==> flow/design.v <==
module addsub #(
   parameter W = 10
) (
   input  wire aclk,
   input  wire i_rst_n,
   input  wire [W-1:0] A,
   input  wire op,
   input  wire start,
   output wire [W-1:0] dout
);
   reg [W-1:0] A_reg;
   reg op_reg;
   reg start_reg;
   reg [W-1:0] cnt;
   always @(posedge aclk or negedge i_rst_n) begin
      if (~i_rst_n) begin
         A_reg <= 0;
         op_reg <= 1'b0;
         start_reg <= 1'b0;
         cnt <= 0;
      end else begin
         A_reg <= A;
         op_reg <= op;
         start_reg <= start;
         cnt <= start_reg ? A_reg : op_reg ? cnt - A_reg : cnt + A_reg;
      end
   end
   assign dout = cnt;
endmodule
* Reports on addsub
Tool output for the design above, in the order of the flow. Lines are those of the file above, counted from 1. Operators: Yosys type, input widths -> output width; for muxes data width and select width s. Library cell names are shortened. The mark n/a stands for no value.
Inputs: top addsub, clock port aclk, cell library sky130hd, library corner tt_025C_1v80

* Elaborated design
Yosys after proc, flatten, opt, wreduce and memory -nomap, before mapping. Enables and synchronous resets that opt folds into registers are not counted as muxes. Memory bits, and registers merged into a memory's read port (data or address), are not among the register bits. Print and check cells are not counted. Equal cells are merged and count once.
Bit counts: memory cells 0, latch bits 0, memory bits (read-only) 0, output and inout bits 10, memory bits (writable) 0, elaborated cells 8, word width x clocked read ports 0, bits of input ports 14, register bits after elaboration 22
Cells by class: div/mod/pow operators 0, equality and inequality tests 0, shifts and indexed selects 0, reduce/logical cells 0, mux-type cells 2, magnitude comparators 0, multiply operators 0, $add $sub $neg 2, bitwise logic cells 0
Operators by type and width (number):
- $mux 10 | 2
- $add 10x10->10 | 1
- $sub 10x10->10 | 1

* Longest topological paths
Longest topological path by Yosys (ltp), each cell counted once; first at word level (registers and memories cut), then after technology mapping (sequential cells cut; the memories' decode and read muxes count).
Logic depth: depth in word-level cells 3, ABC_AREA 0, mapped depth 12, depth with buffers taken out 12

* After synthesis
Yosys stat after the flow's synthesis: flattened, memories mapped to cells. It holds for the ABC_AREA given above (unset counts as 0); a run with the other value may have another netlist.
Synthesis totals: mapped flip-flops 22, sequential area 550.5 µm², buffers 3, synthesis area 1251.2 µm², standard cells after synthesis 121
Cells by type:
- dfrtp_1 | number 22, area in all 550.528 µm²
- ha_1 | number 10, area in all 125.12 µm²
- xnor2_1 | number 10, area in all 87.584 µm²
- nand2_1 | number 11, area in all 41.29 µm²
- a21oi_1 | number 7, area in all 35.034 µm²
- xor2_1 | number 4, area in all 35.034 µm²
- inv_1 | number 7, area in all 26.275 µm²
- nor2_1 | number 7, area in all 26.275 µm²
- o21ai_1 | number 5, area in all 25.024 µm²
- a211oi_4 | number 1, area in all 20.019 µm²
- fa_1 | number 1, area in all 20.019 µm²
- mux2i_1 | number 2, area in all 20.019 µm²
- o21ai_0 | number 4, area in all 20.019 µm²
- a31oi_1 | number 3, area in all 18.768 µm²
- nand2b_1 | number 3, area in all 18.768 µm²
- a21oi_2 | number 2, area in all 17.517 µm²
- a41oi_2 | number 1, area in all 16.266 µm²
- a211oi_1 | number 2, area in all 15.014 µm²
Not listed: further types 15, cells in them 19.

* Timing after synthesis
OpenSTA on the mapped netlist: ideal clock, no wires. The path of least setup slack (recovery checks aside). Input and output delay are each 20% of the period. Register names are those of the netlist, which keeps one name where synthesis merged equal registers.
Path after synthesis: kind reg2reg, start register A_reg[0], end register cnt[9], setup time 128 ps, time at the first pin 0 ps, slack 579 ps, path delay 2292 ps, arrival 2164 ps, driving pins on the path 13, clock period 2870 ps, path buffers 0, data required time 2742 ps, synthesis period reached 2291 ps
"path delay" is the arrival time less input delay plus setup time. "driving pins on the path": output pins that drive a net of the path, with the launching flip-flop's if there is one; two outputs of one cell count as two. "synthesis period reached" = period - worst setup slack (recovery checks aside). The figure is calculated, with input and output delays left at 20% of the set period. Between the ends stands the longest chain of elaborated cells between them, by number of cells; it is not shown to be the way that was timed. Of several equally long chains one is given. Each line given opens the expression or statement behind the cell; cells for indexed reads and writes are added by Yosys, which also makes memories of some case tables.
Between the ends, after synthesis: path through dfrtp_1 -> inv_1 -> ha_1 -> a31oi_1 -> o21bai_1 -> xnor2_1 -> ha_1 -> nand2_1 -> a211oi_1 -> a21oi_1 -> a21oi_1 -> nor3b_2 -> xor2_1, length of the longest elaborated chain 3, elaborated cells between the ends (all ways) 4, source lines of those cells 1, those cells by class add/sub (2); mux (2)
Ends and longest elaborated chain, after synthesis:
- start: declaration | RTL line 11 | reg [W-1:0] A_reg;
- start: assignment | RTL line 17 | A_reg <= 0;
- start: assignment | RTL line 22 | A_reg <= A;
- $add 10x10->10 | RTL line 25 | cnt <= start_reg ? A_reg : op_reg ? cnt - A_reg : cnt + A_reg;
- $mux 10 x2 | RTL line 25
- end: assignment | RTL line 20 | cnt <= 0;
- end: assignment | RTL line 25
- end: declaration | RTL line 14 | reg [W-1:0] cnt;

* Path in the finished layout
From the final timing report of stored run 1: the path of least setup slack in the routed layout; clock arrival at registers is part of the times. The path's times are printed in steps of 10 ps; the period is the one set.
Path after layout: kind reg2reg, start register A_reg[0], end register cnt[9], driving pins on the path 13, path buffers 0, data required time 3070 ps, slack 290 ps, arrival 2780 ps, time at the first pin 310 ps, setup time 100 ps, clock period 2870 ps
Between the ends stands the longest chain of elaborated cells between them, by number of cells; it is not shown to be the way that was timed. Of several equally long chains one is given.
Between the ends, after layout: path through dfrtp_1 -> inv_1 -> ha_1 -> a31oi_1 -> o21bai_1 -> xnor2_1 -> ha_1 -> nand2_1 -> a211oi_1 -> a21oi_1 -> a21oi_1 -> nor3b_2 -> xor2_1, length of the longest elaborated chain 3, elaborated cells between the ends (all ways) 4, source lines of those cells 1, those cells by class add/sub (2); mux (2)
Ends and longest elaborated chain, after layout:
- start: declaration | RTL line 11 | reg [W-1:0] A_reg;
- start: assignment | RTL line 17 | A_reg <= 0;
- start: assignment | RTL line 22 | A_reg <= A;
- $add 10x10->10 | RTL line 25 | cnt <= start_reg ? A_reg : op_reg ? cnt - A_reg : cnt + A_reg;
- $mux 10 x2 | RTL line 25
- end: assignment | RTL line 20 | cnt <= 0;
- end: assignment | RTL line 25
- end: declaration | RTL line 14 | reg [W-1:0] cnt;

--- measured runs ---
Measured data: module addsub, platform sky130hd, 3 stored runs of the flow under differing settings, order arbitrary. Input and output delays are each 20% of the period that was set; the output load is 0.01 pF.
By "achieved clock period" is meant the clock period of the run minus its worst setup slack. This is arithmetic on one report: input and output delays are still those of the set period (20% each).
"worst setup path time": the worst setup path's part of the clock period (all of it between registers, 20% less for each end at a port) less its slack. A launch clock that arrives late makes it longer, a capture clock that arrives late makes it shorter.
"power consumption" is the tool's figure for a default switching activity; nothing was simulated.
"worst setup path time" is known to 10 ps.

* Stored run 1 | settings: period_ns 2.87; CAP_MARGIN 20; CORE_MARGIN 2; CORE_UTILIZATION 40; SLEW_MARGIN 20 | results: chip area after synthesis (Yosys) 1251.2 µm²; area of the die 3591.6 µm²; standard-cell area of the final layout 1570.3 µm²; utilization 52.3%; lowest setup slack 292 ps; setup TNS 0 ps; power consumption 1308 µW; achieved clock period 2578 ps; worst setup path time 2580 ps; worst setup path type reg2reg
* Stored run 2 | settings: period_ns 1.95; CORE_UTILIZATION 51; SETUP_SLACK_MARGIN 0.42; PLACE_DENSITY 0.77; CORE_MARGIN 6; TNS_END_PERCENT 75; ABC_AREA 1; GPL_TIMING_DRIVEN 1; GPL_ROUTABILITY_DRIVEN 0; CTS_CLUSTER_DIAMETER 172; SLEW_MARGIN 0; MAX_ROUTING_LAYER met5; CAP_MARGIN 20 | results: chip area after synthesis (Yosys) 1363.8 µm²; area of the die 4059.0 µm²; standard-cell area of the final layout 1974.4 µm²; utilization 79.0%; lowest setup slack -302 ps; setup TNS -1340 ps; power consumption 1967 µW; achieved clock period 2252 ps; worst setup path time 2250 ps; worst setup path type reg2reg
* Stored run 3 | settings: period_ns 1.73; CORE_UTILIZATION 45; PLACE_DENSITY_LB_ADDON 0.06; CELL_PAD_IN_SITES_DETAIL_PLACEMENT 2; CAP_MARGIN 30; MAX_ROUTING_LAYER met4; CORE_MARGIN 2; SLEW_MARGIN 20 | not finished: placement ended with error DPL-0033
--- end ---
